==> flow/design.v <==
module sync_addsub_mod #(
    parameter integer W = 16
) (
    input  logic clk_i,
    input  logic rst_ni,
    input  logic valid,
    input  logic signed [W-1:0] arg0,
    input  logic signed [W-1:0] arg1,
    input  logic mode,
    output logic [W-1:0] q,
    output logic cy
);
    logic signed [W-1:0] arg0_reg;
    logic signed [W-1:0] arg1_reg;
    logic mode_reg;
    always_ff @(posedge clk_i or negedge rst_ni) begin
        if (!rst_ni) begin
            arg0_reg <= 0;
            arg1_reg <= 0;
            mode_reg <= 1'b0;
        end else if (valid) begin
            arg0_reg <= arg0;
            arg1_reg <= arg1;
            mode_reg <= mode;
        end
    end
    logic [W-1:0] w2;
    assign w2 = arg1_reg ^ {W{mode_reg}};
    logic [W-1:0] cur;
    assign cur = $unsigned(arg0_reg) + w2 + mode_reg;
    assign q = cur[W-1:0];
    assign cy = (arg0_reg[W-1] == w2[W-1]) && (cur[W-1] != arg0_reg[W-1]);
endmodule
--- tool output ---
### Step by step through the tools: sync_addsub_mod

A sweep over "W": the same steps for each member of the family.
The file above is the member W = 16. Line numbers count from 1 in each member's own file.
Operators: Yosys type, input widths -> output width; for muxes data width and select width s.
A cell with -- has no value.

| set-up | value |
|---|---|
| design top | sync_addsub_mod |
| clock | clk_i |
| standard-cell library | sky130hd |
| timing corner | tt_025C_1v80 |

### Members of the sweep

Lines of each other member's file that are new or changed against the file above; lines that a member lacks are not shown.

Lines new or changed:

| W | line | text |
|---|---|---|
| 56 | 2 | `parameter integer W = 56` |
| 72 | 2 | `parameter integer W = 72` |

### Elaborated design

Counts by Yosys on the flattened word-level netlist (proc, flatten, opt, wreduce; memories kept). Register bits leave out memories and registers merged into their read ports (data or address); mux counts leave out enables and synchronous resets folded into registers. Print and check cells are left out. Cells with the same type and inputs are merged into one.

Operators by class:

| W | add/subtract/negate cells | reduce/logical cells | equal/unequal tests | bitwise gates (word level) |
|---|---|---|---|---|
| 16 | 2 | 1 | 2 | 1 |
| 56 | 2 | 1 | 2 | 1 |
| 72 | 2 | 1 | 2 | 1 |

Operators with widths:

| W | kinds with counts |
|---|---|
| 16 | 1 x $add 16x1->16; 1 x $add 16x16->16; 1 x $xor 16x16->16; 1 x $eq 1x1->1; 1 x $ne 1x1->1; 1 x $logic_and 1x1->1 |
| 56 | 1 x $add 56x1->56; 1 x $add 56x56->56; 1 x $xor 56x56->56; 1 x $eq 1x1->1; 1 x $ne 1x1->1; 1 x $logic_and 1x1->1 |
| 72 | 1 x $add 72x1->72; 1 x $add 72x72->72; 1 x $xor 72x72->72; 1 x $eq 1x1->1; 1 x $ne 1x1->1; 1 x $logic_and 1x1->1 |

Bit counts:

| W | output and inout port bits | flip-flop bits (word level) |
|---|---|---|
| 16 | 17 | 33 |
| 56 | 57 | 113 |
| 72 | 73 | 145 |

### Longest topological paths

Depth = most cells in a row (Yosys ltp): at word level without a register or memory, in the mapped netlist without a sequential cell, where the memories' decode and read muxes count.

Depth:

| W | depth after elaboration | ABC_AREA | depth in mapped cells | mapped depth without buffers |
|---|---|---|---|---|
| 16 | 5 | 0 | 10 | 8 |
| 56 | 5 | 0 | 13 | 11 |
| 72 | 5 | 0 | 14 | 12 |

### Netlist

The flow's flattened synthesis, as Yosys stat reports it; memories are mapped. The netlist is that of the ABC_AREA named above (0 if unset); the other value can give another one.

Synthesis totals:

| W | buffer cells | cell count | cell area after synthesis (µm²) | flip-flop cells |
|---|---|---|---|---|
| 16 | 8 | 199 | 2197.1 | 33 |
| 56 | 38 | 815 | 8116.5 | 113 |
| 72 | 63 | 1070 | 10553.9 | 145 |

Cells by type:

| W | type and count |
|---|---|
| 16 | 33 x sky130_fd_sc_hd__dfrtp_1; 32 x sky130_fd_sc_hd__mux2_2; 15 x sky130_fd_sc_hd__ha_1; 20 x sky130_fd_sc_hd__xor2_1; 7 x sky130_fd_sc_hd__xnor2_1; 11 x sky130_fd_sc_hd__nand2_1; 8 x sky130_fd_sc_hd__a21oi_1; 4 x sky130_fd_sc_hd__a21o_1; 4 x sky130_fd_sc_hd__o21a_1; 7 x sky130_fd_sc_hd__inv_1; 3 x sky130_fd_sc_hd__o21bai_1; 1 x sky130_fd_sc_hd__a31oi_4; 4 x sky130_fd_sc_hd__buf_2; 1 x sky130_fd_sc_hd__fa_1; 2 x sky130_fd_sc_hd__mux2i_1; 4 x sky130_fd_sc_hd__nor3_1; 4 x sky130_fd_sc_hd__o21ai_0; 3 x sky130_fd_sc_hd__a31oi_1; [+36] |
| 56 | 113 x sky130_fd_sc_hd__dfrtp_1; 112 x sky130_fd_sc_hd__mux2_2; 54 x sky130_fd_sc_hd__ha_1; 72 x sky130_fd_sc_hd__xor2_1; 72 x sky130_fd_sc_hd__a21oi_1; 34 x sky130_fd_sc_hd__xnor2_1; 41 x sky130_fd_sc_hd__o21ai_0; 54 x sky130_fd_sc_hd__nand2_1; 25 x sky130_fd_sc_hd__a21o_1; 34 x sky130_fd_sc_hd__nor2_1; 27 x sky130_fd_sc_hd__clkbuf_1; 15 x sky130_fd_sc_hd__nand4_1; 12 x sky130_fd_sc_hd__o21bai_1; 19 x sky130_fd_sc_hd__inv_1; 13 x sky130_fd_sc_hd__nand3_1; 8 x sky130_fd_sc_hd__and2_1; 10 x sky130_fd_sc_hd__nor3_1; 6 x sky130_fd_sc_hd__o21a_1; [+94] |
| 72 | 145 x sky130_fd_sc_hd__dfrtp_1; 144 x sky130_fd_sc_hd__mux2_2; 70 x sky130_fd_sc_hd__ha_1; 97 x sky130_fd_sc_hd__xor2_1; 95 x sky130_fd_sc_hd__a21oi_1; 42 x sky130_fd_sc_hd__xnor2_1; 72 x sky130_fd_sc_hd__nand2_1; 45 x sky130_fd_sc_hd__o21ai_0; 32 x sky130_fd_sc_hd__nand4_1; 45 x sky130_fd_sc_hd__nor2_1; 22 x sky130_fd_sc_hd__a21o_1; 30 x sky130_fd_sc_hd__inv_1; 15 x sky130_fd_sc_hd__o21bai_1; 24 x sky130_fd_sc_hd__clkbuf_1; 17 x sky130_fd_sc_hd__buf_2; 17 x sky130_fd_sc_hd__o21ai_1; 11 x sky130_fd_sc_hd__o21a_1; 14 x sky130_fd_sc_hd__nand3_1; [+133] |

The mark [+n] counts cells that are not listed.

### Worst setup path after synthesis

Source: OpenSTA report_checks on the synthesized netlist (no wires, ideal clock, input and output delay 20% of the period each), path of least setup slack; recovery checks are left aside. Register names are those of the netlist, which keeps one name where synthesis merged equal registers.

Path after synthesis:

| W | path kind | from | to | path delay (ps) | slack (ps) | period (ps) | stages on the path | synthesis period reached (ps) |
|---|---|---|---|---|---|---|---|---|
| 16 | register to output | register mode_reg | output q[10] | 2464 | 616 | 3850 | 10 | 3234 |
| 56 | register to output | register mode_reg | output q[45] | 3491 | 869 | 5450 | 14 | 4581 |
| 72 | register to output | register mode_reg | output cy | 3477 | 867 | 5430 | 14 | 4563 |

"path delay" is the arrival time less input delay plus setup time.
At an output port there is no setup time.
"stages on the path" counts driving pins, that of a launching flip-flop among them; a cell with two outputs on the path counts twice.
"synthesis period reached" is the clock period less the worst setup slack; recovery checks do not enter. This is arithmetic on one report: input and output delays are still those of the set period (20% each).
Between the ends stands the longest chain of elaborated cells between them, by number of cells; it is not shown to be the way that was timed. Of several equally long chains one is given.
A line is the first line of the expression or statement that the cell stems from. Yosys adds cells for indexed reads and writes and turns some case tables into memories.

| between the ends, after synthesis, W = 16 | value |
|---|---|
| cells in the longest elaborated chain | 3 |

RTL lines, path after synthesis, W = 16:

| item | line | text |
|---|---|---|
| from (decl) | 15 | `logic mode_reg;` |
| from (assign) | 20 | `mode_reg <= 1'b0;` |
| from (assign) | 24 | `mode_reg <= mode;` |
| $xor 16x16->16 | 28 | `assign w2 = arg1_reg ^ {W{mode_reg}};` |
| $add 16x16->16 | 30 | `assign cur = $unsigned(arg0_reg) + w2 + mode_reg;` |
| $add 16x1->16 | 30 |  |
| to (decl) | 10 | `output logic [W-1:0] q,` |

| between the ends, after synthesis, W = 72 | value |
|---|---|
| cells in the longest elaborated chain | 5 |

RTL lines, path after synthesis, W = 72:

| item | line | text |
|---|---|---|
| from (decl) | 15 | `logic mode_reg;` |
| from (assign) | 20 | `mode_reg <= 1'b0;` |
| from (assign) | 24 | `mode_reg <= mode;` |
| $xor 72x72->72 | 28 | `assign w2 = arg1_reg ^ {W{mode_reg}};` |
| $add 72x72->72 | 30 | `assign cur = $unsigned(arg0_reg) + w2 + mode_reg;` |
| $add 72x1->72 | 30 |  |
| $ne 1x1->1 | 32 | `assign cy = (arg0_reg[W-1] == w2[W-1]) && (cur[W-1] != arg0_reg[W-1]);` |
| $logic_and 1x1->1 | 32 |  |
| to (decl) | 11 | `output logic cy` |

### Timing after layout

From the final timing report of the run of each member: the path of least setup slack in the routed layout; clock arrival at registers is part of the times.
The report prints the path's times to 10 ps; the period is as set.

Path post-layout:

| W | path kind | from | to | slack (ps) | buffers on the path | stages on the path | arrival (ps) | period (ps) |
|---|---|---|---|---|---|---|---|---|
| 16 | register to output | register mode_reg | output q[11] | 180 | 2 | 10 | 2900 | 3850 |
| 56 | register to output | register mode_reg | output cy | 180 | 3 | 14 | 4180 | 5450 |
| 72 | register to output | register mode_reg | output q[70] | 80 | 3 | 15 | 4270 | 5430 |

### Measured runs

One run of the flow (Yosys, OpenROAD) for each member, with settings and measured results. Input and output delays are each 20% of the period that was set; the output load is 0.01 pF.

| flow settings | value |
|---|---|
| CAP_MARGIN | 20 |
| CORE_MARGIN | 2 |
| CORE_UTILIZATION | 40 |
| SLEW_MARGIN | 20 |

Settings by member:

| W | period_ns |
|---|---|
| 16 | 3.85 |
| 56 | 5.45 |
| 72 | 5.43 |

Final reports:

| W | total design power (mW) | die footprint (µm²) | period reached (ps) | standard-cell area of the final layout (µm²) | cell area after synthesis (µm²) | post-route worst hold slack (ps) | setup slack of the worst path (ps) | total negative slack (ps) | utilization after routing |
|---|---|---|---|---|---|---|---|---|---|
| 16 | 1.625 | 6101.9 | 3668 | 3093.0 | 2197.1 | 523 | 182 | 0 | 0.594 |
| 56 | 4.562 | 21446.1 | 5269 | 10805.4 | 8116.5 | 517 | 181 | 0 | 0.537 |
| 72 | 5.855 | 27700.6 | 5353 | 14313.7 | 10553.9 | 515 | 77 | 0 | 0.551 |

"period reached": clock period set for the run, less the worst setup slack. It is reckoned from that one timing run; input and output delays stay at 20% of the period that was set.
By "total design power" is meant OpenSTA's value without simulated activity: inputs other than the clock are taken to toggle once in ten clock periods, and the tool carries that through the logic.
--- end ---
